==> flow/design.v <==
module alu_relation #(
  parameter int DATA_W = 72
) (
  input logic clk_i,
  input logic srst,
  input logic [DATA_W-1:0] i_lhs,
  input logic [DATA_W-1:0] i_rhs,
  output logic o_gt,
  output logic o_same
);
  logic [DATA_W-1:0] r_lhs;
  logic [DATA_W-1:0] r_rhs;
  always_ff @(posedge clk_i) begin
    if (srst) begin
      r_lhs <= '0;
      r_rhs <= '0;
    end else begin
      r_lhs <= i_lhs;
      r_rhs <= i_rhs;
    end
  end
  localparam int GROUPS = DATA_W / 4;
  logic [GROUPS:0] g;
  logic [GROUPS:0] e;
  assign g[0] = 1'b0;
  assign e[0] = 1'b1;
  generate
    for (genvar ii = 0; ii < GROUPS; ii++) begin : u_g
      nib_cmp inst (.a(r_lhs[4*ii +: 4]), .b(r_rhs[4*ii +: 4]), .gi(g[ii]), .ei(e[ii]), .go(g[ii+1]), .eo(e[ii+1]));
    end
  endgenerate
  always_ff @(posedge clk_i) begin
    if (srst) begin
      o_gt <= 1'b0;
      o_same <= 1'b0;
    end else begin
      o_gt <= g[GROUPS];
      o_same <= e[GROUPS];
    end
  end
endmodule
module nib_cmp (
  input logic [3:0] a,
  input logic [3:0] b,
  input logic gi,
  input logic ei,
  output logic go,
  output logic eo
);
  assign go = (a > b) | ((a == b) & gi);
  assign eo = (a == b) & ei;
endmodule
==> Step by step through the tools: alu_relation <==
What the tools print for alu_relation, step after step.
Lines are those of the file above, counted from 1.
Operators: Yosys type, input widths -> output width; for muxes data width and select width s.
{ "design": {"design": "alu_relation", "clk_port": "clk_i", "library": "sky130hd", "lib_corner": "tt_025C_1v80"} }

==> Elaborated design <==
Yosys after proc, flatten, opt, wreduce and memory -nomap, before mapping. Enables and synchronous resets that opt folds into registers are not counted as muxes. Memory bits, and registers merged into a memory's read port (data or address), are not among the register bits. Print and check cells are not counted. Equal cells are merged and count once.
{ "bits": {"reg_bits": 146, "input_bits": 146, "output_inout_bits": 2, "word_cells": 91} }
{ "classes": {"compare": 18, "n_eq": 18, "bitwise": 51} }
{ "ops": {"columns": ["cell", "count"], "rows": [
  ["$gt 4x4->1", 18],
  ["$eq 4x4->1", 18],
  ["$and 1x1->1", 34],
  ["$or 1x1->1", 17]
]} }

==> Logic depth <==
Depth = most cells in a row (Yosys ltp): at word level without a register or memory, in the mapped netlist without a sequential cell, where the memories' decode and read muxes count.
{ "logic_depth": {"depth_word": 35, "ABC_AREA": 0, "ltp_mapped": 8, "mapped_depth_nobuf": 8} }

==> After synthesis <==
Source: synth_stat.txt of the flow (Yosys; design flattened, memories mapped). It holds for the ABC_AREA given above (unset counts as 0); a run with the other value may have another netlist.
The area totals of this step are shown rounded.
{ "synth_totals": {"cell_count": 577, "synth_area_um2": 5800, "seqArea_um2": 2900, "ffs": 146, "buffers": 16} }
{ "types": {"columns": ["type", "count", "type_area_um2"], "rows": [
  ["sky130_fd_sc_hd__dfxtp_1", 146, 2.92E+03],
  ["sky130_fd_sc_hd__nor2b_1", 152, 950.912],
  ["sky130_fd_sc_hd__ha_1", 72, 900.864],
  ["sky130_fd_sc_hd__inv_1", 76, 285.274],
  ["sky130_fd_sc_hd__nand4_1", 13, 81.328],
  ["sky130_fd_sc_hd__a21oi_1", 16, 80.077],
  ["sky130_fd_sc_hd__clkbuf_1", 16, 60.058],
  ["sky130_fd_sc_hd__a21o_1", 7, 52.55],
  ["sky130_fd_sc_hd__o21ai_0", 10, 50.048],
  ["sky130_fd_sc_hd__a211oi_1", 5, 37.536],
  ["sky130_fd_sc_hd__nand2b_1", 5, 31.28],
  ["sky130_fd_sc_hd__nand3_1", 6, 30.029],
  ["sky130_fd_sc_hd__o211ai_1", 4, 30.029],
  ["sky130_fd_sc_hd__o21a_1", 4, 30.029],
  ["sky130_fd_sc_hd__nor2_1", 7, 26.275],
  ["sky130_fd_sc_hd__nor4_2", 2, 25.024],
  ["sky130_fd_sc_hd__nand2_1", 6, 22.522],
  ["sky130_fd_sc_hd__nor3_1", 4, 20.019]
]} }
Not listed: further types 21, cells in them 26.
By module: a second synthesis without flattening, with its own total; a netlist apart from the flattened one above.
{ "hier_totals": {"hier_cells": 598, "area_unflattened_um2": 5900} }
Rows give one instance, submodules left out.
{ "by_module": {"columns": ["module", "instances", "cells", "mod_area_um2", "mod_seq_area_um2"], "rows": [
  ["alu_relation", 1, 310, 3900, 2900],
  ["nib_cmp", 18, 16, 110, 0.0]
]} }

==> Timing after synthesis <==
Source: OpenSTA report_checks on the synthesized netlist (no wires, ideal clock, input and output delay 20% of the period each), path of least setup slack; recovery checks are left aside. Register names are those of the netlist, which keeps one name where synthesis merged equal registers.
{ "synth_timing": {"kind": "reg2reg", "start": "reg r_rhs[70]", "end": "reg o_gt", "tclk_ns": 2.3, "setup_ns": 0.129, "launch_ns": 0.000, "t_arrival_ns": 1.708, "required_ns": 2.171, "path_slack_ns": 0.463, "path_delay_ns": 1.837, "path_stages": 7, "n_path_buf": 0, "synth_period_reached_ns": 1.837} }
"path_delay_ns" is the arrival time less input delay plus setup time.
"path_stages" counts driving pins, that of a launching flip-flop among them; a cell with two outputs on the path counts twice.
"synth_period_reached_ns" is the clock period less the worst setup slack; recovery checks do not enter. This is arithmetic on one report: input and output delays are still those of the set period (20% each).
The rows between start and end are the longest chain of elaborated cells between them; the timing report does not say that the signal goes this way. Where chains are equally long, one stands for them.
Each line given opens the expression or statement behind the cell; cells for indexed reads and writes are added by Yosys, which also makes memories of some case tables.
{ "synth_via": {"cell_sequence": "sky130_fd_sc_hd__dfxtp_1 > sky130_fd_sc_hd__inv_1 > sky130_fd_sc_hd__ha_1 > sky130_fd_sc_hd__nand4_2 > sky130_fd_sc_hd__or4_4 > sky130_fd_sc_hd__a2111oi_1 > sky130_fd_sc_hd__a21oi_1", "elab_chain_cells": 3, "cone_cells": 4, "cone_classes": "1 x compare; 1 x eq/ne; 2 x logic"} }
{ "synth_lines": {"columns": ["element", "line_no", "rtl"], "rows": [
  ["start, declared", 12, "logic [DATA_W-1:0] r_rhs;"],
  ["start, assigned", 16, "r_rhs <= '0;"],
  ["start, assigned", 19, "r_rhs <= i_rhs;"],
  ["$eq 4x4->1", 50, "assign go = (a > b) | ((a == b) & gi);"],
  ["$and 1x1->1", 50, null],
  ["$or 1x1->1", 50, null],
  ["end, assigned", 34, "o_gt <= 1'b0;"],
  ["end, assigned", 37, "o_gt <= g[GROUPS];"],
  ["end, declared", 8, "output logic o_gt,"]
]} }

==> Path in the finished layout <==
Path of least setup slack in the final report of entry A (OpenROAD, finished layout, wires in). Where an end is a register, its clock arrival counts in the times.
{ "layout_timing": {"kind": "reg2reg", "start": "reg r_rhs[55]", "end": "reg o_gt", "tclk_ns": 2.24, "setup_ns": 0.12, "launch_ns": 0.43, "t_arrival_ns": 2.36, "required_ns": 2.54, "path_slack_ns": 0.19, "path_stages": 9, "n_path_buf": 0} }
The rows between start and end are the longest chain of elaborated cells between them; the timing report does not say that the signal goes this way. Where chains are equally long, one stands for them.
{ "layout_via": {"cell_sequence": "sky130_fd_sc_hd__dfxtp_1 > sky130_fd_sc_hd__inv_1 > sky130_fd_sc_hd__ha_1 > sky130_fd_sc_hd__and3_1 > sky130_fd_sc_hd__a221oi_1 > sky130_fd_sc_hd__a211oi_1 > sky130_fd_sc_hd__o21a_1 > sky130_fd_sc_hd__a2111oi_1 > sky130_fd_sc_hd__a21oi_1", "elab_chain_cells": 11, "cone_cells": 12, "cone_classes": "1 x compare; 1 x eq/ne; 10 x logic"} }
{ "layout_lines": {"columns": ["element", "line_no", "rtl"], "rows": [
  ["start, declared", 12, "logic [DATA_W-1:0] r_rhs;"],
  ["start, assigned", 16, "r_rhs <= '0;"],
  ["start, assigned", 19, "r_rhs <= i_rhs;"],
  ["$eq 4x4->1", 50, "assign go = (a > b) | ((a == b) & gi);"],
  ["$and 1x1->1", 50, null],
  ["$or 1x1->1", 50, null],
  ["$and 1x1->1", 50, null],
  ["$or 1x1->1", 50, null],
  ["$and 1x1->1", 50, null],
  ["$or 1x1->1", 50, null],
  ["$and 1x1->1", 50, null],
  ["$or 1x1->1", 50, null],
  ["$and 1x1->1", 50, null],
  ["$or 1x1->1", 50, null],
  ["end, assigned", 34, "o_gt <= 1'b0;"],
  ["end, assigned", 37, "o_gt <= g[GROUPS];"],
  ["end, declared", 8, "output logic o_gt,"]
]} }

==> results <==
Measured results for alu_relation: 3 stored runs of the Yosys and OpenROAD flow on sky130hd. The settings differ; the order carries no meaning. The constraints put input and output delay at 20% of the set period each and load the outputs with 0.01 pF.
"period_reached_ns": clock period set for the run, less the worst setup slack. It is reckoned from that one timing run; input and output delays stay at 20% of the period that was set.
By "worst_setup_path_time_ns" is meant the share of the clock period that the worst setup path is allowed (20% is reserved at inputs, 20% at outputs), minus its slack. Clock arrival times at its registers enter into it.
"design_power_uw" rests on the timing tool's default activity at the inputs, not on a simulated workload.
The measured numbers are rounded.

Entry A
==> flow/run.sh <==
#!/bin/bash
# the make line also repeats the synthesis and layout settings of config.mk as NAME=value (left out here)
make -C /OpenROAD-flow-scripts/flow DESIGN_CONFIG=/design/flow/config.mk WORK_HOME=/design/flow/orfs CLKGATE_MAP_FILE= finish
==> flow/config.mk <==
export PLATFORM = sky130hd
export DESIGN_NAME = alu_relation
export DESIGN_NICKNAME = alu_relation
export VERILOG_FILES = /design/flow/design.v
export SDC_FILE = /design/flow/constraint.sdc
export NUM_CORES = 4
export LEC_CHECK = 0
export CAP_MARGIN = 20
export CORE_MARGIN = 10
export CORE_UTILIZATION = 45
export CTS_CLUSTER_DIAMETER = 357
export MIN_ROUTING_LAYER = met2
export PLACE_DENSITY_LB_ADDON = 0.24
export SLEW_MARGIN = 40
==> flow/constraint.sdc <==
create_clock -name core_clock -period 2.24 [get_ports {clk_i}]
set_input_delay 0.4480 -clock core_clock [delete_from_list [all_inputs] [get_ports {clk_i}]]
set_output_delay 0.4480 -clock core_clock [all_outputs]
set_load 0.01 [all_outputs]

==> results of entry A, as JSON <==
{
  "design_power_uw": 6600,
  "hold_ws_ns": 0.39,
  "die_um2": 18000,
  "worst_setup_path_time_ns": 2.05,
  "worstPathKind": "reg2reg",
  "timing.setup.ws_ns": 0.19,
  "period_reached_ns": 2.051,
  "layout_utilization_pct": 64,
  "synth_area_um2": 5800
}

Entry B
==> flow/run.sh <==
#!/bin/bash
# the make line also repeats the synthesis and layout settings of config.mk as NAME=value (left out here)
make -C /OpenROAD-flow-scripts/flow DESIGN_CONFIG=/design/flow/config.mk WORK_HOME=/design/flow/orfs CLKGATE_MAP_FILE= finish
==> flow/config.mk <==
export PLATFORM = sky130hd
export DESIGN_NAME = alu_relation
export DESIGN_NICKNAME = alu_relation
export VERILOG_FILES = /design/flow/design.v
export SDC_FILE = /design/flow/constraint.sdc
export NUM_CORES = 4
export LEC_CHECK = 0
export CAP_MARGIN = 40
export CELL_PAD_IN_SITES_GLOBAL_PLACEMENT = 3
export CORE_MARGIN = 2
export CORE_UTILIZATION = 17
export CTS_CLUSTER_DIAMETER = 294
export GPL_TIMING_DRIVEN = 1
export SLEW_MARGIN = 20
==> flow/constraint.sdc <==
create_clock -name core_clock -period 1.11 [get_ports {clk_i}]
set_input_delay 0.2220 -clock core_clock [delete_from_list [all_inputs] [get_ports {clk_i}]]
set_output_delay 0.2220 -clock core_clock [all_outputs]
set_load 0.01 [all_outputs]

==> results of entry B, as JSON <==
{
  "design_power_uw": 13000,
  "hold_ws_ns": 0.15,
  "die_um2": 36000,
  "worst_setup_path_time_ns": 1.95,
  "worstPathKind": "reg2reg",
  "timing.setup.ws_ns": -0.84,
  "period_reached_ns": 1.952,
  "layout_utilization_pct": 27,
  "synth_area_um2": 5800
}

Entry C
==> flow/run.sh <==
#!/bin/bash
# the make line also repeats the synthesis and layout settings of config.mk as NAME=value (left out here)
make -C /OpenROAD-flow-scripts/flow DESIGN_CONFIG=/design/flow/config.mk WORK_HOME=/design/flow/orfs CLKGATE_MAP_FILE= finish
==> flow/config.mk <==
export PLATFORM = sky130hd
export DESIGN_NAME = alu_relation
export DESIGN_NICKNAME = alu_relation
export VERILOG_FILES = /design/flow/design.v
export SDC_FILE = /design/flow/constraint.sdc
export NUM_CORES = 4
export LEC_CHECK = 0
export CAP_MARGIN = 20
export CORE_MARGIN = 2
export CORE_UTILIZATION = 40
export SLEW_MARGIN = 20
==> flow/constraint.sdc <==
create_clock -name core_clock -period 2.3 [get_ports {clk_i}]
set_input_delay 0.4600 -clock core_clock [delete_from_list [all_inputs] [get_ports {clk_i}]]
set_output_delay 0.4600 -clock core_clock [all_outputs]
set_load 0.01 [all_outputs]

==> results of entry C, as JSON <==
{
  "design_power_uw": 6300,
  "hold_ws_ns": 0.53,
  "die_um2": 16000,
  "worst_setup_path_time_ns": 2.06,
  "worstPathKind": "reg2reg",
  "timing.setup.ws_ns": 0.24,
  "period_reached_ns": 2.057,
  "layout_utilization_pct": 56,
  "synth_area_um2": 5800
}
